==> flow/design.v <==
module sync_relation_stage #(
    parameter WIDTH = 16
) (
    input  logic clk,
    input  logic rst_n,
    input  logic [WIDTH-1:0] i_rs1,
    input  logic [WIDTH-1:0] i_rs2,
    output logic o_above,
    output logic o_a_eq_b
);
    logic [WIDTH-1:0] rs1_r;
    always_ff @(posedge clk or negedge rst_n) begin
        if (!rst_n) begin
            rs1_r <= 0;
        end else begin
            rs1_r <= i_rs1;
        end
    end
    logic [WIDTH-1:0] rs2_r;
    always_ff @(posedge clk or negedge rst_n) begin
        if (!rst_n) begin
            rs2_r <= 0;
        end else begin
            rs2_r <= i_rs2;
        end
    end
    localparam NBLK = WIDTH / 4;
    logic [NBLK:0] g;
    logic [NBLK:0] e;
    assign g[0] = 1'b0;
    assign e[0] = 1'b1;
    for (genvar gi = 0; gi < NBLK; gi++) begin : lane
        cmp4 unit (.a(rs1_r[4*gi +: 4]), .b(rs2_r[4*gi +: 4]), .gi(g[gi]), .ei(e[gi]), .go(g[gi+1]), .eo(e[gi+1]));
    end
    always_ff @(posedge clk or negedge rst_n) begin
        if (!rst_n) begin
            o_above <= 1'b0;
        end else begin
            o_above <= g[NBLK];
        end
    end
    always_ff @(posedge clk or negedge rst_n) begin
        if (!rst_n) begin
            o_a_eq_b <= 1'b0;
        end else begin
            o_a_eq_b <= e[NBLK];
        end
    end
endmodule
module cmp4 (
    input logic [3:0] a,
    input logic [3:0] b,
    input logic gi,
    input logic ei,
    output logic go,
    output logic eo
);
    assign go = (a > b) | ((a == b) & gi);
    assign eo = (a == b) & ei;
endmodule
Hand-over note for sync_relation_stage

### From RTL to reports: sync_relation_stage

Tool output for the members of one design family, told apart by "WIDTH", in the order of the flow.
The RTL above is that of WIDTH 16; lines are counted from 1 in the file of the member named.
Operators carry their Yosys type and port widths (W data, S select, Z words).
Library cell names are shortened.
A cell with -- has no value.

* design top: sync_relation_stage
* clock port: clk
* standard-cell library: sky130hd
* library corner: tt_025C_1v80

### Source of the members

New or changed lines of each further member against the RTL above, in its own file; lines it lacks are not shown.

New or changed lines
* WIDTH 32: line 2 `parameter WIDTH = 32`
* WIDTH 40: line 2 `parameter WIDTH = 40`

### Word level

Counts by Yosys on the flattened word-level netlist (proc, flatten, opt, wreduce; memories kept). Register bits leave out memories and registers merged into their read ports (data or address); mux counts leave out enables and synchronous resets folded into registers. Print and check cells are left out. Cells with the same type and inputs are merged into one.

Cells by class
* WIDTH 16: $lt $le $gt $ge 4, eq/ne operators 4, bitwise operators 9
* WIDTH 32: $lt $le $gt $ge 8, eq/ne operators 8, bitwise operators 21
* WIDTH 40: $lt $le $gt $ge 10, eq/ne operators 10, bitwise operators 27

Operators by type and width (kind and count)
* WIDTH 16: $gt A4 B4 Y1 (4); $eq A4 B4 Y1 (4); $and A1 B1 Y1 (6); $or A1 B1 Y1 (3)
* WIDTH 32: $gt A4 B4 Y1 (8); $eq A4 B4 Y1 (8); $and A1 B1 Y1 (14); $or A1 B1 Y1 (7)
* WIDTH 40: $gt A4 B4 Y1 (10); $eq A4 B4 Y1 (10); $and A1 B1 Y1 (18); $or A1 B1 Y1 (9)

Storage and ports
* WIDTH 16: flip-flop bits (word level) 34, bits of input ports 34, output and inout bits 2, cells after elaboration 21
* WIDTH 32: flip-flop bits (word level) 66, bits of input ports 66, output and inout bits 2, cells after elaboration 41
* WIDTH 40: flip-flop bits (word level) 82, bits of input ports 82, output and inout bits 2, cells after elaboration 51

### Longest topological paths

Yosys ltp: most cells in a row. Word level: on the elaborated netlist, between registers, memories and ports. Mapped: between sequential cells and ports; inverters and the memories' decode and read muxes count.

Depth
* WIDTH 16: depth in word-level cells 7, ABC_AREA 0, depth in mapped cells 7, mapped depth without buffers 7
* WIDTH 32: depth in word-level cells 15, ABC_AREA 0, depth in mapped cells 7, mapped depth without buffers 7
* WIDTH 40: depth in word-level cells 19, ABC_AREA 0, depth in mapped cells 7, mapped depth without buffers 7

### Synthesis result

The flow's flattened synthesis, as Yosys stat reports it; memories are mapped. The netlist is that of the ABC_AREA named above (0 if unset); the other value can give another one.
Totals and module areas in this step are rounded.

Mapped netlist
* WIDTH 16: mapped cells 95, mapped area 1270 um^2, flip-flop cells 34
* WIDTH 32: mapped cells 182, mapped area 2520 um^2, flip-flop cells 66
* WIDTH 40: mapped cells 229, mapped area 3120 um^2, flip-flop cells 82

Cells by type (types with counts)
* WIDTH 16: dfrtp_1 (34); ha_1 (16); inv_1 (18); o21ai_0 (6); a21oi_1 (4); nand4_1 (3); nand4_2 (1); nor2_1 (3); o21ai_1 (2); and2b_2 (1); nand3b_1 (1); nor3b_1 (1); a31oi_1 (1); nand2b_1 (1); nor4_1 (1); nor3_1 (1); nand2_1 (1)
* WIDTH 32: dfrtp_1 (66); ha_1 (32); inv_1 (33); and4_1 (4); nand4_1 (5); a21oi_1 (6); nor2b_1 (4); a211oi_1 (3); o211ai_1 (3); nand2b_1 (3); a2111oi_2 (1); a21o_1 (2); a221oi_2 (1); o21a_1 (2); o21ai_0 (3); o31ai_1 (2); and3_1 (2); a211o_1 (1); (+9)
* WIDTH 40: dfrtp_1 (82); ha_1 (40); inv_1 (42); a21oi_1 (11); nand4_1 (8); o21ai_0 (8); nor2b_1 (5); o211ai_1 (4); a211oi_1 (3); nand3_1 (4); nand2b_1 (3); a2111oi_2 (1); a31oi_1 (2); nor4_2 (1); a21boi_2 (1); nand2_1 (3); or3_4 (1); nor3_1 (2); (+8)

The mark (+n) counts cells that are not listed.
The figures by module come from a second, unflattened synthesis with its own total; it is not the netlist above.

Second synthesis, totals
* WIDTH 16: cells (unflattened synthesis) 100, area (unflattened synthesis) 1290 um^2
* WIDTH 32: cells (unflattened synthesis) 196, area (unflattened synthesis) 2520 um^2
* WIDTH 40: cells (unflattened synthesis) 244, area (unflattened synthesis) 3140 um^2

### Timing after synthesis

OpenSTA on the mapped netlist: ideal clock, no wires. The path of least setup slack (recovery checks aside). Input and output delay are each 20% of the period. Register names are those of the netlist, which keeps one name where synthesis merged equal registers.

Timing after synthesis
* WIDTH 16: path type register to register, start reg rs2_r[9], end reg o_above, period 1540 ps, path slack 306 ps, driving pins on the path 8, path delay 1234 ps, synthesis period reached 1234 ps
* WIDTH 32: path type register to register, start reg rs2_r[14], end reg o_above, period 2120 ps, path slack 427 ps, driving pins on the path 8, path delay 1693 ps, synthesis period reached 1693 ps
* WIDTH 40: path type register to register, start reg rs1_r[39], end reg o_above, period 2050 ps, path slack 411 ps, driving pins on the path 6, path delay 1639 ps, synthesis period reached 1639 ps

"path delay" is the arrival time less input delay plus setup time.
"driving pins on the path": output pins that drive a net of the path, with the launching flip-flop's if there is one; two outputs of one cell count as two.
"synthesis period reached" = period - worst setup slack (recovery checks aside). The figure is calculated, with input and output delays left at 20% of the set period.
Between the ends stands the longest chain of elaborated cells between them, by number of cells; it is not shown to be the way that was timed. Of several equally long chains one is given.
A line is the first line of the expression or statement that the cell stems from. Yosys adds cells for indexed reads and writes and turns some case tables into memories.

On the way, after synthesis, WIDTH 16:
* cells in the longest elaborated chain: 5

RTL lines, path after synthesis, WIDTH 16
* start, declared: line 19 `logic [WIDTH-1:0] rs2_r;`
* start, assigned: line 22 `rs2_r <= 0;`
* start, assigned: line 24 `rs2_r <= i_rs2;`
* $eq A4 B4 Y1: line 58 `assign go = (a > b) | ((a == b) & gi);`
* $and A1 B1 Y1: line 58
* $or A1 B1 Y1: line 58
* $and A1 B1 Y1: line 58
* $or A1 B1 Y1: line 58
* end, assigned: line 37 `o_above <= 1'b0;`
* end, assigned: line 39 `o_above <= g[NBLK];`
* end, declared: line 8 `output logic o_above,`

On the way, after synthesis, WIDTH 40:
* cells in the longest elaborated chain: 3

RTL lines, path after synthesis, WIDTH 40
* start, declared: line 11 `logic [WIDTH-1:0] rs1_r;`
* start, assigned: line 14 `rs1_r <= 0;`
* start, assigned: line 16 `rs1_r <= i_rs1;`
* $eq A4 B4 Y1: line 58 `assign go = (a > b) | ((a == b) & gi);`
* $and A1 B1 Y1: line 58
* $or A1 B1 Y1: line 58
* end, assigned: line 37 `o_above <= 1'b0;`
* end, assigned: line 39 `o_above <= g[NBLK];`
* end, declared: line 8 `output logic o_above,`

### Path in the finished layout

From the final timing report of the run of each member: the path of least setup slack in the routed layout; clock arrival at registers is part of the times.
The report prints the path's times to 10 ps; the period is as set.

Timing post-layout
* WIDTH 16: path type register to output, start reg o_above, end out o_above, period 1540 ps, path slack 40 ps, driving pins on the path 2, data arrival time 1200 ps, path buffers 1
* WIDTH 32: path type register to register, start reg rs2_r[19], end reg o_above, period 2120 ps, path slack 270 ps, driving pins on the path 8, data arrival time 2050 ps, path buffers 0
* WIDTH 40: path type register to register, start reg rs1_r[39], end reg o_above, period 2050 ps, path slack 240 ps, driving pins on the path 6, data arrival time 2030 ps, path buffers 0

### Layout results

One run of the flow (Yosys, OpenROAD) for each member, with settings and measured results. Input and output delays are each 20% of the period that was set; the output load is 0.01 pF.

* CAP_MARGIN: 20
* CORE_MARGIN: 2
* CORE_UTILIZATION: 40
* SLEW_MARGIN: 20

Settings by member (period_ns)
* WIDTH 16: 1.54
* WIDTH 32: 2.12
* WIDTH 40: 2.05

Results
* WIDTH 16: synthesized cell area 1270 um^2, die outline area 3650 um^2, standard-cell area after routing 1750 um^2, final utilization 57.6%, worst setup slack after layout 37 ps, total negative setup slack 0 ps, total power of the final layout 1.60 mW, achieved clock period 1503 ps
* WIDTH 32: synthesized cell area 2520 um^2, die outline area 6960 um^2, standard-cell area after routing 3490 um^2, final utilization 58.2%, worst setup slack after layout 271 ps, total negative setup slack 0 ps, total power of the final layout 2.63 mW, achieved clock period 1849 ps
* WIDTH 40: synthesized cell area 3120 um^2, die outline area 8520 um^2, standard-cell area after routing 4310 um^2, final utilization 56.3%, worst setup slack after layout 237 ps, total negative setup slack 0 ps, total power of the final layout 3.27 mW, achieved clock period 1813 ps

By "achieved clock period" is meant the clock period of the run minus its worst setup slack. This is arithmetic on one report: input and output delays are still those of the set period (20% each).
By "total power of the final layout" is meant OpenSTA's value without simulated activity: inputs other than the clock are taken to toggle once in ten clock periods, and the tool carries that through the logic.
The measured numbers are rounded.

End of note.
